==> flow/design.v <==
module ex_sel_unit_blk_sel2 #(parameter N = 1) (
    input wire [N-1:0] a,
    input wire [N-1:0] b,
    input wire s,
    output wire [N-1:0] y
);
    assign y = s ? b : a;
endmodule
module ex_sel_unit_blk #(
    parameter W = 2,
    parameter COUNT = 16,
    parameter SW = $clog2(COUNT)
) (
    input  wire sys_clk,
    input  wire rst_i,
    input  wire [COUNT*W-1:0] src,
    input  wire [SW-1:0] sel,
    output reg [W-1:0] res
);
    reg [COUNT*W-1:0] src_s;
    reg [SW-1:0] sel_s;
    wire [W-1:0] tree [1:2*COUNT-1];
    genvar gi;
    generate
        for (gi = 0; gi < COUNT; gi = gi + 1) begin : each
            assign tree[COUNT+gi] = src_s[gi*W +: W];
        end
        for (gi = 1; gi < COUNT; gi = gi + 1) begin : blk
            ex_sel_unit_blk_sel2 #(.N(W)) inst (.a(tree[2*gi]), .b(tree[2*gi+1]), .s(sel_s[SW - $clog2(gi+1)]), .y(tree[gi]));
        end
    endgenerate
    always @(posedge sys_clk or posedge rst_i) begin
        if (rst_i) begin
            src_s <= 0;
            sel_s <= 0;
            res <= 0;
        end else begin
            src_s <= src;
            sel_s <= sel;
            res <= tree[1];
        end
    end
endmodule
Appendix: tool output

Reports on ex_sel_unit_blk --
Module ex_sel_unit_blk in several versions that differ in "W"; each step lists the members. The RTL above is that of W 2; lines are counted from 1 in the file of the member named. Operators carry their Yosys type and port widths (W data, S select, Z words). Cell names lack the library's common part. Not given: --
Inputs: top ex_sel_unit_blk, clock port sys_clk, library sky130hd, corner tt_025C_1v80

Members of the sweep --
New or changed lines of each further member against the RTL above, in its own file; lines it lacks are not shown.
Lines new or changed:
- W 12 | RTL line 10 | parameter W = 12,
- W 16 | RTL line 10 | parameter W = 16,
- W 48 | RTL line 10 | parameter W = 48,

Elaborated design --
Counts by Yosys on the flattened word-level netlist (proc, flatten, opt, wreduce). Print and check cells are left out. Cells with the same type and inputs are merged into one.
Storage and ports:
- W 2 | elaborated cells 18, input bits 38, register bits 38
- W 12 | elaborated cells 18, input bits 198, register bits 208
- W 16 | elaborated cells 18, input bits 262, register bits 276
- W 48 | elaborated cells 18, input bits 774, register bits 820
Operators by class (multiplexer cells):
- W 2 | 15
- W 12 | 15
- W 16 | 15
- W 48 | 15
Operator list (kind and count):
- W 2 | 15 x $mux W2
- W 12 | 15 x $mux W12
- W 16 | 15 x $mux W16
- W 48 | 15 x $mux W48

Longest topological paths --
Longest topological path by Yosys (ltp), each cell counted once; first at word level (registers and memories cut), then after technology mapping (sequential cells cut; the memories' decode and read muxes count).
Logic depth:
- W 2 | word-level depth 4, ABC_AREA 0, mapped depth 4, gate-level depth less buffers 3
- W 12 | word-level depth 4, ABC_AREA 0, mapped depth 5, gate-level depth less buffers 3
- W 16 | word-level depth 4, ABC_AREA 0, mapped depth 5, gate-level depth less buffers 3
- W 48 | word-level depth 4, ABC_AREA 0, mapped depth 6, gate-level depth less buffers 3

Mapped cells and area --
Yosys stat after the flow's synthesis: flattened, memories mapped to cells. It holds for the ABC_AREA given above (unset counts as 0); a run with the other value may have another netlist.
Mapped netlist:
- W 2 | buffers 2, flip-flops 38, standard cells after synthesis 60, area of sequential cells 950.9 um2, synthesis area 1223.7 um2
- W 12 | buffers 14, flip-flops 208, standard cells after synthesis 311, area of sequential cells 5205.0 um2, synthesis area 6692.7 um2
- W 16 | buffers 21, flip-flops 276, standard cells after synthesis 414, area of sequential cells 6906.6 um2, synthesis area 8879.8 um2
- W 48 | buffers 63, flip-flops 820, standard cells after synthesis 1224, area of sequential cells 20519.7 um2, synthesis area 26081.3 um2
Cell types (types with counts):
- W 2 | 38 x dfrtp_1; 4 x mux4_1; 4 x mux4_2; 4 x nand3_1; 2 x a22oi_1; 2 x nor2b_1; 1 x buf_6; 2 x nand2_1; 1 x clkbuf_1; 1 x inv_1; 1 x nor2_1
- W 12 | 208 x dfrtp_1; 33 x mux4_2; 15 x mux4_1; 24 x a22oi_1; 12 x nand2_1; 2 x buf_12; 5 x buf_2; 6 x clkbuf_1; 2 x nor2b_1; 1 x buf_6; 1 x and2_1; 1 x inv_1; 1 x nor2_1
- W 16 | 276 x dfrtp_1; 54 x mux4_2; 10 x mux4_1; 32 x a22oi_1; 16 x nand2_1; 5 x buf_6; 4 x buf_4; 2 x dlygate4sd1_1; 3 x buf_2; 4 x clkbuf_1; 1 x clkbuf_8; 1 x dlymetal6s2s_1; 2 x nor2b_1; 1 x clkbuf_4; 1 x and2_1; 1 x inv_1; 1 x nor2_1
- W 48 | 820 x dfrtp_1; 192 x mux4_2; 96 x a22oi_1; 48 x nand2_1; 18 x buf_4; 24 x clkbuf_1; 16 x buf_1; 5 x buf_2; 2 x nor2b_1; 1 x and2_1; 1 x inv_1; 1 x nor2_1
By module: a second synthesis without flattening, with its own total; a netlist apart from the flattened one above.
Second synthesis, totals:
- W 2 | cell total of the unflattened synthesis 69, area (unflattened synthesis) 1292.5 um2
- W 12 | cell total of the unflattened synthesis 404, area (unflattened synthesis) 7967.6 um2
- W 16 | cell total of the unflattened synthesis 547, area (unflattened synthesis) 10645.2 um2
- W 48 | cell total of the unflattened synthesis 1616, area (unflattened synthesis) 30414.2 um2

Timing after synthesis --
OpenSTA on the mapped netlist: ideal clock, no wires. The path of least setup slack (recovery checks aside). Input and output delay are each 20% of the period. Register names are those of the netlist, which keeps one name where synthesis merged equal registers.
Path after synthesis:
- W 2 | kind reg-to-reg, from register sel_s[0], to register res[0], setup slack 0.329 ns, stages 5, period 1.66 ns, path delay 1.331 ns, synthesis period reached 1.331 ns
- W 12 | kind reg-to-reg, from register sel_s[0], to register res[6], setup slack 0.382 ns, stages 5, period 1.91 ns, path delay 1.528 ns, synthesis period reached 1.528 ns
- W 16 | kind reg-to-reg, from register sel_s[0], to register res[10], setup slack 0.382 ns, stages 6, period 1.92 ns, path delay 1.538 ns, synthesis period reached 1.538 ns
- W 48 | kind reg-to-reg, from register sel_s[0], to register res[10], setup slack 0.426 ns, stages 7, period 2.12 ns, path delay 1.694 ns, synthesis period reached 1.694 ns
"path delay" = arrival - input delay + setup time. "stages": output pins that drive a net of the path, with the launching flip-flop's if there is one; two outputs of one cell count as two. "synthesis period reached" is the clock period less the worst setup slack; recovery checks do not enter. This is arithmetic on one report: input and output delays are still those of the set period (20% each). Between the ends stands the longest chain of elaborated cells between them, by number of cells; it is not shown to be the way that was timed. Of several equally long chains one is given. A line is the first line of the expression or statement that the cell stems from. Yosys adds cells for indexed reads and writes and turns some case tables into memories.
Between the ends, after synthesis, W 2: cells in the longest elaborated chain 4
RTL lines, path after synthesis, W 2:
- start: declaration | RTL line 21 | reg [SW-1:0] sel_s;
- start: assignment | RTL line 35 | sel_s <= 0;
- start: assignment | RTL line 39 | sel_s <= sel;
- $mux W2 x4 | RTL line 7 | assign y = s ? b : a;
- end: assignment | RTL line 36 | res <= 0;
- end: assignment | RTL line 40 | res <= tree[1];
- end: declaration | RTL line 18 | output reg [W-1:0] res
Between the ends, after synthesis, W 48: cells in the longest elaborated chain 4
RTL lines, path after synthesis, W 48:
- start: declaration | RTL line 21 | reg [SW-1:0] sel_s;
- start: assignment | RTL line 35 | sel_s <= 0;
- start: assignment | RTL line 39 | sel_s <= sel;
- $mux W48 x4 | RTL line 7 | assign y = s ? b : a;
- end: assignment | RTL line 36 | res <= 0;
- end: assignment | RTL line 40 | res <= tree[1];
- end: declaration | RTL line 18 | output reg [W-1:0] res

Path in the finished layout --
Path of least setup slack in the final report of each member's run (OpenROAD, finished layout, wires in). Where an end is a register, its clock arrival counts in the times.
Path after layout:
- W 2 | kind reg-to-output, from register res[1], to output port res[1], setup slack 0.12 ns, arrival time 1.20 ns, path buffers 1, period 1.66 ns, stages 2
- W 12 | kind reg-to-reg, from register sel_s[0], to register res[2], setup slack 0.06 ns, arrival time 2.22 ns, path buffers 1, period 1.91 ns, stages 5
- W 16 | kind reg-to-output, from register res[9], to output port res[9], setup slack 0.05 ns, arrival time 1.49 ns, path buffers 1, period 1.92 ns, stages 2
- W 48 | kind reg-to-output, from register res[27], to output port res[27], setup slack 0.05 ns, arrival time 1.64 ns, path buffers 1, period 2.12 ns, stages 2

Measured runs --
Settings and results of one run of the flow (Yosys, OpenROAD) for each member follow. The constraints put input and output delay at 20% of the set period each and load the outputs with 0.01 pF.
Settings: CAP_MARGIN 20, CORE_MARGIN 2, CORE_UTILIZATION 40, SLEW_MARGIN 20
Settings by member (period_ns):
- W 2 | 1.66
- W 12 | 1.91
- W 16 | 1.92
- W 48 | 2.12
Measured results:
- W 2 | standard-cell area after routing 1710.4 um2, mapped cell area after synthesis 1223.7 um2, clock period reached 1.536 ns, die outline area 3517.7 um2, worst setup slack after layout 0.124 ns
- W 12 | standard-cell area after routing 9940.8 um2, mapped cell area after synthesis 6692.7 um2, clock period reached 1.848 ns, die outline area 17782.2 um2, worst setup slack after layout 0.062 ns
- W 16 | standard-cell area after routing 13087.6 um2, mapped cell area after synthesis 8879.8 um2, clock period reached 1.871 ns, die outline area 23407.5 um2, worst setup slack after layout 0.049 ns
- W 48 | standard-cell area after routing 38883.5 um2, mapped cell area after synthesis 26081.3 um2, clock period reached 2.065 ns, die outline area 67262.4 um2, worst setup slack after layout 0.055 ns
By "clock period reached" is meant the clock period of the run minus its worst setup slack. This is arithmetic on one report: input and output delays are still those of the set period (20% each).
